==> flow/design.v <==
module my_alu_arith #(
  parameter int DW = 80
) (
  input logic clk,
  input logic rst_n,
  input logic [DW-1:0] src1,
  input logic [DW-1:0] src2,
  output logic [DW-1:0] diff
);
  logic [DW-1:0] src1_d1;
  always_ff @(posedge clk) begin
    if (~rst_n) begin
      src1_d1 <= 0;
    end else begin
      src1_d1 <= src1;
    end
  end
  logic [DW-1:0] src2_d1;
  always_ff @(posedge clk) begin
    if (~rst_n) begin
      src2_d1 <= 0;
    end else begin
      src2_d1 <= src2;
    end
  end
  logic [DW:0] val;
  assign val = src1_d1 - src2_d1;
  assign diff = val[DW] ? {DW{1'b0}} : val[DW-1:0];
endmodule
Reports on my_alu_arith
The steps from the RTL of my_alu_arith to its reports follow in flow order.
Lines are those of the file above, counted from 1.
Operators carry their Yosys type and port widths (W data, S select, Z words).
Library cell names are shortened.
{"block": "inputs", "top": "my_alu_arith", "clock_port": "clk", "lib": "sky130hd", "corner": "tt_025C_1v80"}

Word level
Counts by Yosys on the flattened word-level netlist (proc, flatten, opt, wreduce; memories kept). Register bits leave out memories and registers merged into their read ports (data or address); mux counts leave out enables and synchronous resets folded into registers. Print and check cells are left out. Cells with the same type and inputs are merged into one.
{"block": "word_totals", "reg_bits": 160, "input_bits": 162}
{"block": "classes", "add_sub_neg": 1, "n_mux": 1}
{"block": "op_table", "cell": "$sub A80 B80 Y81", "n": 1}
{"block": "op_table", "cell": "$mux W80", "n": 1}

Longest topological paths
Yosys ltp: most cells in a row. Word level: on the elaborated netlist, between registers, memories and ports. Mapped: between sequential cells and ports; inverters and the memories' decode and read muxes count.
{"block": "depth", "depth_word": 2, "ABC_AREA": 0, "ltp_mapped": 17, "mapped_depth_nobuf": 15}

Synthesis result
Source: synth_stat.txt of the flow (Yosys; design flattened, memories mapped). It holds for the ABC_AREA given above (unset counts as 0); a run with the other value may have another netlist.
{"block": "mapped", "mapped_cells": 1230, "mapped_area_um2": 9791.9, "sequential_area_um2": 3203.1, "ffs": 160, "buffers": 64}
{"block": "by_type", "type": "dfxtp_1", "n": 160}
{"block": "by_type", "type": "and2_1", "n": 163}
{"block": "by_type", "type": "ha_1", "n": 80}
{"block": "by_type", "type": "a21oi_1", "n": 105}
{"block": "by_type", "type": "nor2_1", "n": 116}
{"block": "by_type", "type": "inv_1", "n": 107}
{"block": "by_type", "type": "xnor2_1", "n": 43}
{"block": "by_type", "type": "xor2_1", "n": 33}
{"block": "by_type", "type": "a21o_1", "n": 38}
{"block": "by_type", "type": "o21ai_0", "n": 55}
{"block": "by_type", "type": "nand2_1", "n": 65}
{"block": "by_type", "type": "nand4_1", "n": 33}
{"block": "by_type", "type": "clkbuf_1", "n": 52}
{"block": "by_type", "type": "o21bai_1", "n": 15}
{"block": "by_type", "type": "o21a_1", "n": 12}
{"block": "by_type", "type": "nor2b_1", "n": 11}
{"block": "by_type", "type": "a211oi_1", "n": 9}
{"block": "by_type", "type": "nand3_1", "n": 13}
Other cell types: 45; their cells: 120.

Timing after synthesis
OpenSTA on the mapped netlist: ideal clock, no wires. The path of least setup slack (recovery checks aside). Input and output delay are each 20% of the period. Register names are those of the netlist, which keeps one name where synthesis merged equal registers.
{"block": "synth_path", "path_type": "flip-flop to output port", "startpoint": "register src1_d1[0]", "endpoint": "output port diff[69]", "clock_period_ns": 4.72, "output_delay_ns": 0.944, "t_first_pin_ns": 0.000, "t_arrival_ns": 3.019, "t_required_ns": 3.776, "setup_slack_ns": 0.757, "path_delay_ns": 3.019, "driving_pins": 18, "synth_period_reached_ns": 3.963}
"path_delay_ns" is the arrival time less input delay plus setup time.
At an output port there is no setup time.
"driving_pins" counts driving pins, that of a launching flip-flop among them; a cell with two outputs on the path counts twice.
"synth_period_reached_ns" is the clock period less the worst setup slack; recovery checks do not enter. This is arithmetic on one report: input and output delays are still those of the set period (20% each).
The rows between start and end are the longest chain of elaborated cells between them; the timing report does not say that the signal goes this way. Where chains are equally long, one stands for them.
Each line given opens the expression or statement behind the cell; cells for indexed reads and writes are added by Yosys, which also makes memories of some case tables.
{"block": "synth_via", "cell_sequence": "dfxtp_1 -> inv_1 -> ha_1 -> inv_1 -> fa_1 -> a211oi_1 -> o21ai_1 -> o211ai_2 -> a31oi_1 -> nor3_2 -> o21ai_2 -> a21o_1 -> a31oi_2 -> nor2_1 -> a21oi_4 -> buf_6 -> buf_6 -> nor2_1", "elab_chain_cells": 2, "cone_cells": 2, "cone_classes": "add/sub (1); mux (1)"}
{"block": "synth_rtl", "element": "start, declared", "line": 10, "rtl": "logic [DW-1:0] src1_d1;"}
{"block": "synth_rtl", "element": "start, assigned", "line": 13, "rtl": "src1_d1 <= 0;"}
{"block": "synth_rtl", "element": "start, assigned", "line": 15, "rtl": "src1_d1 <= src1;"}
{"block": "synth_rtl", "element": "$sub A80 B80 Y81", "line": 27, "rtl": "assign val = src1_d1 - src2_d1;"}
{"block": "synth_rtl", "element": "$mux W80", "line": 28, "rtl": "assign diff = val[DW] ? {DW{1'b0}} : val[DW-1:0];"}
{"block": "synth_rtl", "element": "end, declared", "line": 8, "rtl": "output logic [DW-1:0] diff"}

Timing after layout
Path of least setup slack in the final report of stored run 1 (OpenROAD, finished layout, wires in). Where an end is a register, its clock arrival counts in the times.
{"block": "layout_path", "path_type": "flip-flop to output port", "startpoint": "register src1_d1[0]", "endpoint": "output port diff[48]", "clock_period_ns": 4.72, "output_delay_ns": 0.94, "t_first_pin_ns": 0.43, "t_arrival_ns": 3.87, "t_required_ns": 3.78, "setup_slack_ns": -0.09, "driving_pins": 21}
The rows between start and end are the longest chain of elaborated cells between them; the timing report does not say that the signal goes this way. Where chains are equally long, one stands for them.
{"block": "layout_via", "cell_sequence": "dfxtp_1 -> inv_1 -> ha_2 -> inv_2 -> fa_2 -> a211oi_2 -> o21ai_2 -> o211ai_2 -> a31oi_2 -> nor3_2 -> o21ai_2 -> a21o_1 -> a31oi_4 -> nor2_4 -> a21oi_4 -> buf_6 -> buf_8 -> buf_12 -> buf_6 -> nor2_4 -> buf_6", "elab_chain_cells": 2, "cone_cells": 2, "cone_classes": "add/sub (1); mux (1)"}
{"block": "layout_rtl", "element": "start, declared", "line": 10, "rtl": "logic [DW-1:0] src1_d1;"}
{"block": "layout_rtl", "element": "start, assigned", "line": 13, "rtl": "src1_d1 <= 0;"}
{"block": "layout_rtl", "element": "start, assigned", "line": 15, "rtl": "src1_d1 <= src1;"}
{"block": "layout_rtl", "element": "$sub A80 B80 Y81", "line": 27, "rtl": "assign val = src1_d1 - src2_d1;"}
{"block": "layout_rtl", "element": "$mux W80", "line": 28, "rtl": "assign diff = val[DW] ? {DW{1'b0}} : val[DW-1:0];"}
{"block": "layout_rtl", "element": "end, declared", "line": 8, "rtl": "output logic [DW-1:0] diff"}

Subject: my_alu_arith on sky130hd, stored results

Hello all,

Measured results for my_alu_arith: 3 stored runs of the Yosys and OpenROAD flow on sky130hd. The settings differ; the order carries no meaning. The constraints put input and output delay at 20% of the set period each and load the outputs with 0.01 pF.
"achieved_period_ns": clock period set for the run, less the worst setup slack. It is reckoned from that one timing run; input and output delays stay at 20% of the period that was set.
"worst_path_ns" = time allowed to the worst setup path (clock period - input delay - output delay, where it has them) - its slack; a late launch clock adds to it, a late capture clock takes from it.
"design_power_uw" is the tool's figure for a default switching activity; nothing was simulated.

Stored run 1
==> flow/run.sh <==
#!/bin/bash
# the make line also repeats the synthesis and layout settings of config.mk as NAME=value (left out here)
make -C /OpenROAD-flow-scripts/flow DESIGN_CONFIG=/design/flow/config.mk WORK_HOME=/design/flow/orfs CLKGATE_MAP_FILE= finish
==> flow/config.mk <==
export PLATFORM = sky130hd
export DESIGN_NAME = my_alu_arith
export DESIGN_NICKNAME = my_alu_arith
export VERILOG_FILES = /design/flow/design.v
export SDC_FILE = /design/flow/constraint.sdc
export NUM_CORES = 4
export LEC_CHECK = 0
export CAP_MARGIN = 20
export CORE_MARGIN = 2
export CORE_UTILIZATION = 40
export SLEW_MARGIN = 20
==> flow/constraint.sdc <==
create_clock -name core_clock -period 4.72 [get_ports {clk}]
set_input_delay 0.9440 -clock core_clock [delete_from_list [all_inputs] [get_ports {clk}]]
set_output_delay 0.9440 -clock core_clock [all_outputs]
set_load 0.01 [all_outputs]

==> results of stored run 1, as JSON <==
{
  "design_power_uw": 4645,
  "final_setup_ws_ns": -0.090,
  "total_die_area_um2": 25747.4,
  "achieved_period_ns": 4.810,
  "worst_path_ns": 3.87,
  "worst_setup_path_type": "flip-flop to output port",
  "yosys_chip_area_um2": 9791.9,
  "finish.stdcell_area_um2": 14067.2,
  "ws_hold_ns": 1.075,
  "setupTns_ns": -2.512,
  "utilization_frac": 0.582
}

Stored run 2
==> flow/run.sh <==
#!/bin/bash
# the make line also repeats the synthesis and layout settings of config.mk as NAME=value (left out here)
make -C /OpenROAD-flow-scripts/flow DESIGN_CONFIG=/design/flow/config.mk WORK_HOME=/design/flow/orfs CLKGATE_MAP_FILE= finish
==> flow/config.mk <==
export PLATFORM = sky130hd
export DESIGN_NAME = my_alu_arith
export DESIGN_NICKNAME = my_alu_arith
export VERILOG_FILES = /design/flow/design.v
export SDC_FILE = /design/flow/constraint.sdc
export NUM_CORES = 4
export LEC_CHECK = 0
export CAP_MARGIN = 5
export CELL_PAD_IN_SITES_GLOBAL_PLACEMENT = 3
export CORE_MARGIN = 2
export CORE_UTILIZATION = 31
export CTS_CLUSTER_SIZE = 54
export HOLD_SLACK_MARGIN = 0.29
export PLACE_DENSITY = 0.65
export SETUP_SLACK_MARGIN = -0.23
export SLEW_MARGIN = 20
==> flow/constraint.sdc <==
create_clock -name core_clock -period 5.55 [get_ports {clk}]
set_input_delay 1.1100 -clock core_clock [delete_from_list [all_inputs] [get_ports {clk}]]
set_output_delay 1.1100 -clock core_clock [all_outputs]
set_load 0.01 [all_outputs]

==> results of stored run 2, as JSON <==
{
  "ws_hold_ns": 1.168,
  "yosys_chip_area_um2": 9791.9,
  "total_die_area_um2": 33024.0,
  "final_setup_ws_ns": 0.088,
  "design_power_uw": 3707,
  "worst_path_ns": 4.35,
  "worst_setup_path_type": "flip-flop to output port",
  "utilization_frac": 0.419,
  "setupTns_ns": 0.000,
  "finish.stdcell_area_um2": 13126.3,
  "achieved_period_ns": 5.462
}

Stored run 3
==> flow/run.sh <==
#!/bin/bash
# the make line also repeats the synthesis and layout settings of config.mk as NAME=value (left out here)
make -C /OpenROAD-flow-scripts/flow DESIGN_CONFIG=/design/flow/config.mk WORK_HOME=/design/flow/orfs CLKGATE_MAP_FILE= finish
==> flow/config.mk <==
export PLATFORM = sky130hd
export DESIGN_NAME = my_alu_arith
export DESIGN_NICKNAME = my_alu_arith
export VERILOG_FILES = /design/flow/design.v
export SDC_FILE = /design/flow/constraint.sdc
export NUM_CORES = 4
export LEC_CHECK = 0
export CAP_MARGIN = 20
export CELL_PAD_IN_SITES_DETAIL_PLACEMENT = 2
export CORE_MARGIN = 2
export CORE_UTILIZATION = 27
export CTS_CLUSTER_DIAMETER = 329
export CTS_CLUSTER_SIZE = 96
export MAX_ROUTING_LAYER = met5
export PLACE_DENSITY = 0.7
export SETUP_SLACK_MARGIN = 0.22
export SLEW_MARGIN = 25
==> flow/constraint.sdc <==
create_clock -name core_clock -period 3.58 [get_ports {clk}]
set_input_delay 0.7160 -clock core_clock [delete_from_list [all_inputs] [get_ports {clk}]]
set_output_delay 0.7160 -clock core_clock [all_outputs]
set_load 0.01 [all_outputs]

==> results of stored run 3, as JSON <==
{
  "finish.stdcell_area_um2": 17095.1,
  "design_power_uw": 7784,
  "final_setup_ws_ns": -1.659,
  "total_die_area_um2": 37805.0,
  "setupTns_ns": -121.362,
  "ws_hold_ns": 0.803,
  "achieved_period_ns": 5.239,
  "yosys_chip_area_um2": 9791.9,
  "worst_path_ns": 4.52,
  "worst_setup_path_type": "flip-flop to output port",
  "utilization_frac": 0.479
}

Thanks
